==> flow/design.v <==
module regfile #(
  parameter integer NWORDS = 20,
  parameter integer NBITS = 48,
  parameter integer AWIDTH = $clog2(NWORDS)
) (
  input wire i_clk,
  input wire rst_ni,
  input wire we,
  input wire [AWIDTH-1:0] write_addr,
  input wire [NBITS-1:0] wd,
  input wire [AWIDTH-1:0] raddr_a,
  input wire [AWIDTH-1:0] raddr_b,
  output wire [NBITS-1:0] q_a,
  output wire [NBITS-1:0] q_b
);
  reg [NBITS-1:0] array [0:NWORDS-1];
  always @(posedge i_clk) begin
    if (we && write_addr != 0)
      array[write_addr] <= wd;
  end
  reg [NBITS-1:0] q_a_s;
  always @(posedge i_clk or negedge rst_ni) begin
    if (~rst_ni) begin
      q_a_s <= 0;
    end else begin
      q_a_s <= (raddr_a == 0) ? {NBITS{1'b0}} : array[raddr_a];
    end
  end
  assign q_a = q_a_s;
  reg [NBITS-1:0] q_b_s;
  always @(posedge i_clk or negedge rst_ni) begin
    if (~rst_ni) begin
      q_b_s <= 0;
    end else begin
      q_b_s <= (raddr_b == 0) ? {NBITS{1'b0}} : array[raddr_b];
    end
  end
  assign q_b = q_b_s;
endmodule
# == From RTL to reports: regfile ==
# Tool output for the design above, in the order of the flow.
# Line numbers count from 1 in the design file above.
# Operators carry their Yosys type and port widths (W data, S select, Z words).
# Not given: n/a
# design
design,regfile
clock,i_clk
cell_library,sky130hd
pvt_corner,tt_025C_1v80

# == Word level ==
# Yosys after proc, flatten, opt, wreduce and memory -nomap, before mapping. Enables and synchronous resets that opt folds into registers are not counted as muxes. Memory bits, and registers merged into a memory's read port (data or address), are not among the register bits. Print and check cells are not counted. Equal cells are merged and count once.
# Memory sizes are those after Yosys's memory passes, which may raise the word count (mostly to a power of two), join words into wider ones and drop unused or constant bits.
# bits
register_bits,96
ram_bits,960
memories,1
in_bits,66
out_inout_bits,96
wordCells,12
# mem_list
name,size,word_bits,read_ports,wr,line_no,text
array,20,48,2,1,16,reg [NBITS-1:0] array [0:NWORDS-1];
# classes
n_mux,5
reduce_and_logical,4
# op_table
op,n
$mux W48,3
$logic_not A5 Y1,2
$reduce_bool A5 Y1,1
$mux W5,1
$logic_and A1 B1 Y1,1
$mux W1,1

# == Logic depth ==
# Longest topological path by Yosys (ltp), each cell counted once; first at word level (registers and memories cut), then after technology mapping (sequential cells cut; the memories' decode and read muxes count).
# depth
word_depth,3
abc_area,0
ltp_mapped,8
depth_no_buf,4

# == Mapped cells and area ==
# Yosys stat after the flow's synthesis: flattened, memories mapped to cells. It holds for the ABC_AREA given above (unset counts as 0); a run with the other value may have another netlist.
# types
cell_type,n,type_area_um2
sky130_fd_sc_hd__edfxtp_1,960,2.88E+04
sky130_fd_sc_hd__mux4_2,336,7.57E+03
sky130_fd_sc_hd__mux2i_1,336,3.36E+03
sky130_fd_sc_hd__dfrtp_1,96,2.4E+03
sky130_fd_sc_hd__a22oi_1,144,1.08E+03
sky130_fd_sc_hd__buf_2,103,515.494
sky130_fd_sc_hd__a21oi_1,94,470.451
sky130_fd_sc_hd__o221ai_1,48,420.403
sky130_fd_sc_hd__o211ai_1,48,360.346
sky130_fd_sc_hd__nand3_1,49,245.235
sky130_fd_sc_hd__o21ai_0,46,230.221
sky130_fd_sc_hd__clkbuf_1,56,210.202
sky130_fd_sc_hd__nand2_1,51,191.434
sky130_fd_sc_hd__buf_4,18,135.13
sky130_fd_sc_hd__nor2_1,23,86.333
sky130_fd_sc_hd__buf_6,6,67.565
sky130_fd_sc_hd__nor2b_1,7,43.792
sky130_fd_sc_hd__buf_1,7,26.275
# Other cell types: 12; their cells: 21.
# synth_totals
mapped_cells,2449
mapped_area_um2,46382.0
seqArea_um2,31230.0
ff_cells,1056
n_buf,191

# == Worst setup path after synthesis ==
# OpenSTA on the mapped netlist: ideal clock, no wires. The path of least setup slack (recovery checks aside). Input and output delay are each 20% of the period. Register names are those of the netlist, which keeps one name where synthesis merged equal registers.
# synth_path
path_type,input port to flip-flop
from,input port write_addr[4]
to,memory array[6][0]
clock_period_ps,4700
in_delay_ps,940
setup_time_ps,454
launch_ps,940
arrival_ps,3491
required_time_ps,4246
path_slack_ps,755
path_delay_ps,3005
path_stages,2
path_buffers,0
synth_period_reached_ps,3945
# "path_delay_ps" = arrival - input delay + setup time.
# "path_stages" counts driving pins, that of a launching flip-flop among them; a cell with two outputs on the path counts twice.
# "synth_period_reached_ps" = period - worst setup slack (recovery checks aside). The figure is calculated, with input and output delays left at 20% of the set period.
# Between the ends stands the longest chain of elaborated cells between them, by number of cells; it is not shown to be the way that was timed. Of several equally long chains one is given.
# A line is the first line of the expression or statement that the cell stems from. Yosys adds cells for indexed reads and writes and turns some case tables into memories.
# The path ends at the enable pin of a flip-flop; only ways to that pin are counted.
# synth_via
cell_sequence,sky130_fd_sc_hd__or3b_2 > sky130_fd_sc_hd__nor2_1
elab_chain_len,3
cells_between,4
cone_lines,1
cone_classes,mux: 2; reduce/logical: 2
# synth_lines
item,line_no,text
start: declaration,9,"input wire [AWIDTH-1:0] write_addr,"
$reduce_bool A5 Y1,18,if (we && write_addr != 0)
$logic_and A1 B1 Y1,18,
$mux W5,18,
end: declaration,16,reg [NBITS-1:0] array [0:NWORDS-1];

# == Timing after layout ==
# From the final timing report of stored run 1: the path of least setup slack in the routed layout; clock arrival at registers is part of the times.
# The report prints the path's times to 10 ps; the period is as set.
# layout_path
path_type,flip-flop to output port
from,register q_b_s[16]
to,output port q_b[16]
clock_period_ps,3160
output_delay_ps,630
launch_ps,710
arrival_ps,1900
required_time_ps,2530
path_slack_ps,630
path_stages,2
path_buffers,1
# layout_via
cell_sequence,sky130_fd_sc_hd__dfrtp_1 > sky130_fd_sc_hd__clkdlybuf4s50_1
elab_chain_len,0
cells_between,0
cone_lines,0
# layout_lines
item,line_no,text
start: declaration,30,reg [NBITS-1:0] q_b_s;
start: assignment,33,q_b_s <= 0;
start: assignment,35,q_b_s <= (raddr_b == 0) ? {NBITS{1'b0}} : array[raddr_b];
end: declaration,14,output wire [NBITS-1:0] q_b

# Settings and measured results of 3 stored flow runs for module regfile (sky130hd), not sorted in any way. The constraints put input and output delay at 20% of the set period each and load the outputs with 0.01 pF.
# "clock_period_reached_ps" = clock period - worst setup slack. The figure is calculated, with input and output delays left at 20% of the set period.
# "worst_path_time_ps" means the part of the period allowed to the worst setup path (the constraints hold back 20% at inputs and 20% at outputs) less its slack; where the path has registers, the arrival times of their clocks count too.
# "worst_path_time_ps" is known to 10 ps.
# Settings: -- = not set for that run.
run,period_ns,CORE_UTILIZATION,PLACE_DENSITY_LB_ADDON,CORE_MARGIN,CELL_PAD_IN_SITES_GLOBAL_PLACEMENT,CTS_CLUSTER_DIAMETER,CAP_MARGIN,MIN_ROUTING_LAYER,MAX_ROUTING_LAYER,SLEW_MARGIN,CELL_PAD_IN_SITES_DETAIL_PLACEMENT,TNS_END_PERCENT,GPL_TIMING_DRIVEN,synthArea_um2,die_um2,post_route_util_frac,worstSetupSlack_ps,tns_setup_ps,clock_period_reached_ps,worst_path_time_ps,critical_path_kind
stored run 1,3.16,50,0.24,7,0,184,30,met2,met5,20,--,--,--,46382.0,101487.0,0.591,625,0,2535,1900,flip-flop to output port
stored run 2,4.7,40,--,2,--,--,20,--,--,20,--,--,--,46382.0,118694.0,0.469,1903,0,2797,1860,input port to flip-flop
stored run 3,4.09,54,0.19,2,0,--,30,met1,--,20,0,10,0,46382.0,88253.6,0.642,737,0,3353,2540,input port to flip-flop
